==> flow/design.v <==
module u_reg_bank_p #(
    parameter NUM_REGS = 4,
    parameter DW = 32,
    parameter IDX_W = $clog2(NUM_REGS)
) (
    input  ck,
    input  [IDX_W-1:0] addr,
    input  load,
    input  [DW-1:0] din,
    output reg [DW-1:0] dout
);
    reg [DW-1:0] regs [0:NUM_REGS-1];
    always @(posedge ck)
        if (load) regs[addr] <= din;
    always @(posedge ck)
        dout <= regs[addr];
endmodule
# ---- Tool chain data of u_reg_bank_p
# What the tools print for u_reg_bank_p, step after step.
# Lines are those of the file above, counted from 1.
# Cell names lack the library's common part.
# The mark -- stands for no value.
dict set report design {
  top_module {u_reg_bank_p}
  clock {ck}
  library {sky130hd}
  lib_corner {tt_025C_1v80}
}

# ---- After elaboration
# Yosys after proc, flatten, opt, wreduce and memory -nomap, before mapping. Enables and synchronous resets that opt folds into registers are not counted as muxes. Memory bits, and registers merged into a memory's read port (data or address), are not among the register bits. Print and check cells are not counted. Equal cells are merged and count once.
# Memory sizes are those after Yosys's memory passes, which may raise the word count (mostly to a power of two), join words into wider ones and drop unused or constant bits.
dict set report op_classes {
  addsub 0
  n_mul 0
  compare 0
  bitwise 0
  muxes 3
  n_reduce_logical 0
  div 0
  eq_ne 0
  shifts 0
}
# operator count
set ops {}
lappend ops {{2-to-1 mux 32 bit} 1}
lappend ops {{2-to-1 mux 2 bit} 1}
lappend ops {{2-to-1 mux 1 bit} 1}
dict set report word_totals {
  mem_count 1
  latch_bits 0
  elab_cells 4
  rom_bits 0
  ramBits 128
  in_bits 36
  regBits 0
  clocked_rd_ports_x_width 32
}
# memory size width read_ports wr line
set memory_table {}
lappend memory_table {regs 4 32 1 1 12} ;# reg [DW-1:0] regs [0:NUM_REGS-1];

# ---- Depth
# Yosys ltp: most cells in a row. Word level: on the elaborated netlist, between registers, memories and ports. Mapped: between sequential cells and ports; inverters and the memories' decode and read muxes count.
dict set report logic_depth {
  depth_word 1
  abc_area 0
  mapped_depth 3
}

# ---- Netlist
# Yosys stat after the flow's synthesis: flattened, memories mapped to cells. It holds for the ABC_AREA given above (unset counts as 0); a run with the other value may have another netlist.
# cell count type_area_um2
set types {}
lappend types {edfxtp_1 128 3.84E+03}
lappend types {dfxtp_1 32 640.614}
lappend types {mux4_2 28 630.605}
lappend types {mux4_1 4 105.101}
lappend types {buf_12 2 40.038}
lappend types {buf_6 2 22.522}
lappend types {buf_2 4 20.019}
lappend types {and3b_1 2 17.517}
lappend types {nor3b_1 1 7.507}
lappend types {and3_1 1 6.256}
dict set report mapped {
  ffs 160
  area_um2 5333.9
  seq_area_um2 4484.3
  buffers 8
  stdcells 204
}

# ---- Path before layout
# Path of least setup slack by OpenSTA after synthesis, without wires, with an ideal clock, recovery checks aside; 20% of the period is set as input and as output delay. Where synthesis merged equal registers, the netlist keeps one of their names.
dict set report synth_timing {
  path_type {input-to-reg}
  from {input port addr[1]}
  to {memory regs[0][0]}
  t_first_pin_ns 1.002
  path_delay_ns 3.208
  input_delay_ns 1.002
  setup_ns 0.468
  arrival_ns 3.742
  path_buffers 2
  slack_ns 0.800
  period_ns 5.01
  path_stages 3
  period_less_setup_slack_ns 4.21
}
# "path_delay_ns" = arrival - input delay + setup time.
# "path_stages" counts driving pins, that of a launching flip-flop among them; a cell with two outputs on the path counts twice.
# "period_less_setup_slack_ns" is the clock period less the worst setup slack; recovery checks do not enter. This is arithmetic on one report: input and output delays are still those of the set period (20% each).
# Between the ends stands the longest chain of elaborated cells between them, by number of cells; it is not shown to be the way that was timed. Of several equally long chains one is given.
# A line is the first line of the expression or statement that the cell stems from. Yosys adds cells for indexed reads and writes and turns some case tables into memories.
dict set report synth_between {
  cell_sequence {buf_2 -> buf_2 -> nor3b_1}
  elab_chain_cells 1
  cells_between 1
  lines_between 1
  classes_between {mux (1)}
}
# element line
set synth_rtl {}
lappend synth_rtl {{start, declared} 7} ;# input  [IDX_W-1:0] addr,
lappend synth_rtl {{2-to-1 mux 2 bit} 14} ;# if (load) regs[addr] <= din;
lappend synth_rtl {{end, declared} 12} ;# reg [DW-1:0] regs [0:NUM_REGS-1];

# ---- Timing after layout
# From the final timing report of flow run A: the path of least setup slack in the routed layout; clock arrival at registers is part of the times.
dict set report layout_timing {
  path_type {input-to-reg}
  from {input port addr[1]}
  to {memory regs[3][9]}
  path_stages 2
  setup_ns 0.37
  slack_ns 2.14
  input_delay_ns 0.92
  period_ns 4.62
  path_buffers 1
  arrival_ns 2.52
  t_first_pin_ns 0.92
}
# Between the ends stands the longest chain of elaborated cells between them, by number of cells; it is not shown to be the way that was timed. Of several equally long chains one is given.
dict set report layout_between {
  cell_sequence {buf_2 -> and3_2}
  elab_chain_cells 1
  cells_between 1
  lines_between 1
  classes_between {mux (1)}
}
# element line
set layout_rtl {}
lappend layout_rtl {{start, declared} 7} ;# input  [IDX_W-1:0] addr,
lappend layout_rtl {{2-to-1 mux 2 bit} 14} ;# if (load) regs[addr] <= din;
lappend layout_rtl {{end, declared} 12} ;# reg [DW-1:0] regs [0:NUM_REGS-1];

==> results <==
3 stored runs of u_reg_bank_p in the flow (synthesis by Yosys, layout by OpenROAD, sky130hd cells), in arbitrary order. Constraints: input delay and output delay 20% of the set period each, output load 0.01 pF.
"period_reached_ns": clock period set for the run, less the worst setup slack. It is reckoned from that one timing run; input and output delays stay at 20% of the period that was set.
"critical_path_time_ns": the worst setup path's part of the clock period (all of it between registers, 20% less for each end at a port) less its slack. A launch clock that arrives late makes it longer, a capture clock that arrives late makes it shorter.
By "power_uw" is meant OpenSTA's value without simulated activity: inputs other than the clock are taken to toggle once in ten clock periods, and the tool carries that through the logic.

# flow run A
==> flow/run.sh <==
#!/bin/bash
# the make line also repeats the synthesis and layout settings of config.mk as NAME=value (left out here)
make -C /OpenROAD-flow-scripts/flow DESIGN_CONFIG=/design/flow/config.mk WORK_HOME=/design/flow/orfs CLKGATE_MAP_FILE= finish
==> flow/config.mk <==
export PLATFORM = sky130hd
export DESIGN_NAME = u_reg_bank_p
export DESIGN_NICKNAME = u_reg_bank_p
export VERILOG_FILES = /design/flow/design.v
export SDC_FILE = /design/flow/constraint.sdc
export NUM_CORES = 4
export LEC_CHECK = 0
export ABC_AREA = 0
export CAP_MARGIN = 20
export CORE_MARGIN = 5
export CORE_UTILIZATION = 42
export CTS_CLUSTER_DIAMETER = 188
export MAX_ROUTING_LAYER = met4
export PLACE_DENSITY_LB_ADDON = 0.23
export SLEW_MARGIN = 30
export TNS_END_PERCENT = 45
==> flow/constraint.sdc <==
create_clock -name core_clock -period 4.62 [get_ports {ck}]
set_input_delay 0.9240 -clock core_clock [delete_from_list [all_inputs] [get_ports {ck}]]
set_output_delay 0.9240 -clock core_clock [all_outputs]
set_load 0.01 [all_outputs]

==> flow run A: results <==
yosys.chip_area_um2=5333.9
dieArea_um2=15052.8
finalCellArea_um2=6726.4
finish.utilization_frac=0.537
timing.setup.ws_ns=2.135
setupTns_ns=0.000
worst_hold_slack_ns=0.541
power_uw=3215
period_reached_ns=2.485
critical_path_time_ns=1.56
timing.worst_path_kind="input-to-reg"

# flow run B
==> flow/run.sh <==
#!/bin/bash
# the make line also repeats the synthesis and layout settings of config.mk as NAME=value (left out here)
make -C /OpenROAD-flow-scripts/flow DESIGN_CONFIG=/design/flow/config.mk WORK_HOME=/design/flow/orfs CLKGATE_MAP_FILE= finish
==> flow/config.mk <==
export PLATFORM = sky130hd
export DESIGN_NAME = u_reg_bank_p
export DESIGN_NICKNAME = u_reg_bank_p
export VERILOG_FILES = /design/flow/design.v
export SDC_FILE = /design/flow/constraint.sdc
export NUM_CORES = 4
export LEC_CHECK = 0
export CAP_MARGIN = 15
export CELL_PAD_IN_SITES_DETAIL_PLACEMENT = 1
export CELL_PAD_IN_SITES_GLOBAL_PLACEMENT = 1
export CORE_MARGIN = 2
export CORE_UTILIZATION = 69
export SETUP_SLACK_MARGIN = -0.11
export SLEW_MARGIN = 20
==> flow/constraint.sdc <==
create_clock -name core_clock -period 4.8 [get_ports {ck}]
set_input_delay 0.9600 -clock core_clock [delete_from_list [all_inputs] [get_ports {ck}]]
set_output_delay 0.9600 -clock core_clock [all_outputs]
set_load 0.01 [all_outputs]

==> flow run B: results <==
outcome="incomplete, placement halted on DPL-0033"

# flow run C
==> flow/run.sh <==
#!/bin/bash
# the make line also repeats the synthesis and layout settings of config.mk as NAME=value (left out here)
make -C /OpenROAD-flow-scripts/flow DESIGN_CONFIG=/design/flow/config.mk WORK_HOME=/design/flow/orfs CLKGATE_MAP_FILE= finish
==> flow/config.mk <==
export PLATFORM = sky130hd
export DESIGN_NAME = u_reg_bank_p
export DESIGN_NICKNAME = u_reg_bank_p
export VERILOG_FILES = /design/flow/design.v
export SDC_FILE = /design/flow/constraint.sdc
export NUM_CORES = 4
export LEC_CHECK = 0
export CAP_MARGIN = 20
export CORE_MARGIN = 2
export CORE_UTILIZATION = 40
export SLEW_MARGIN = 20
==> flow/constraint.sdc <==
create_clock -name core_clock -period 5.01 [get_ports {ck}]
set_input_delay 1.0020 -clock core_clock [delete_from_list [all_inputs] [get_ports {ck}]]
set_output_delay 1.0020 -clock core_clock [all_outputs]
set_load 0.01 [all_outputs]

==> flow run C: results <==
yosys.chip_area_um2=5333.9
dieArea_um2=14274.3
finalCellArea_um2=6856.6
finish.utilization_frac=0.522
timing.setup.ws_ns=2.467
setupTns_ns=0.000
worst_hold_slack_ns=0.529
power_uw=3181
period_reached_ns=2.543
critical_path_time_ns=1.54
timing.worst_path_kind="input-to-reg"
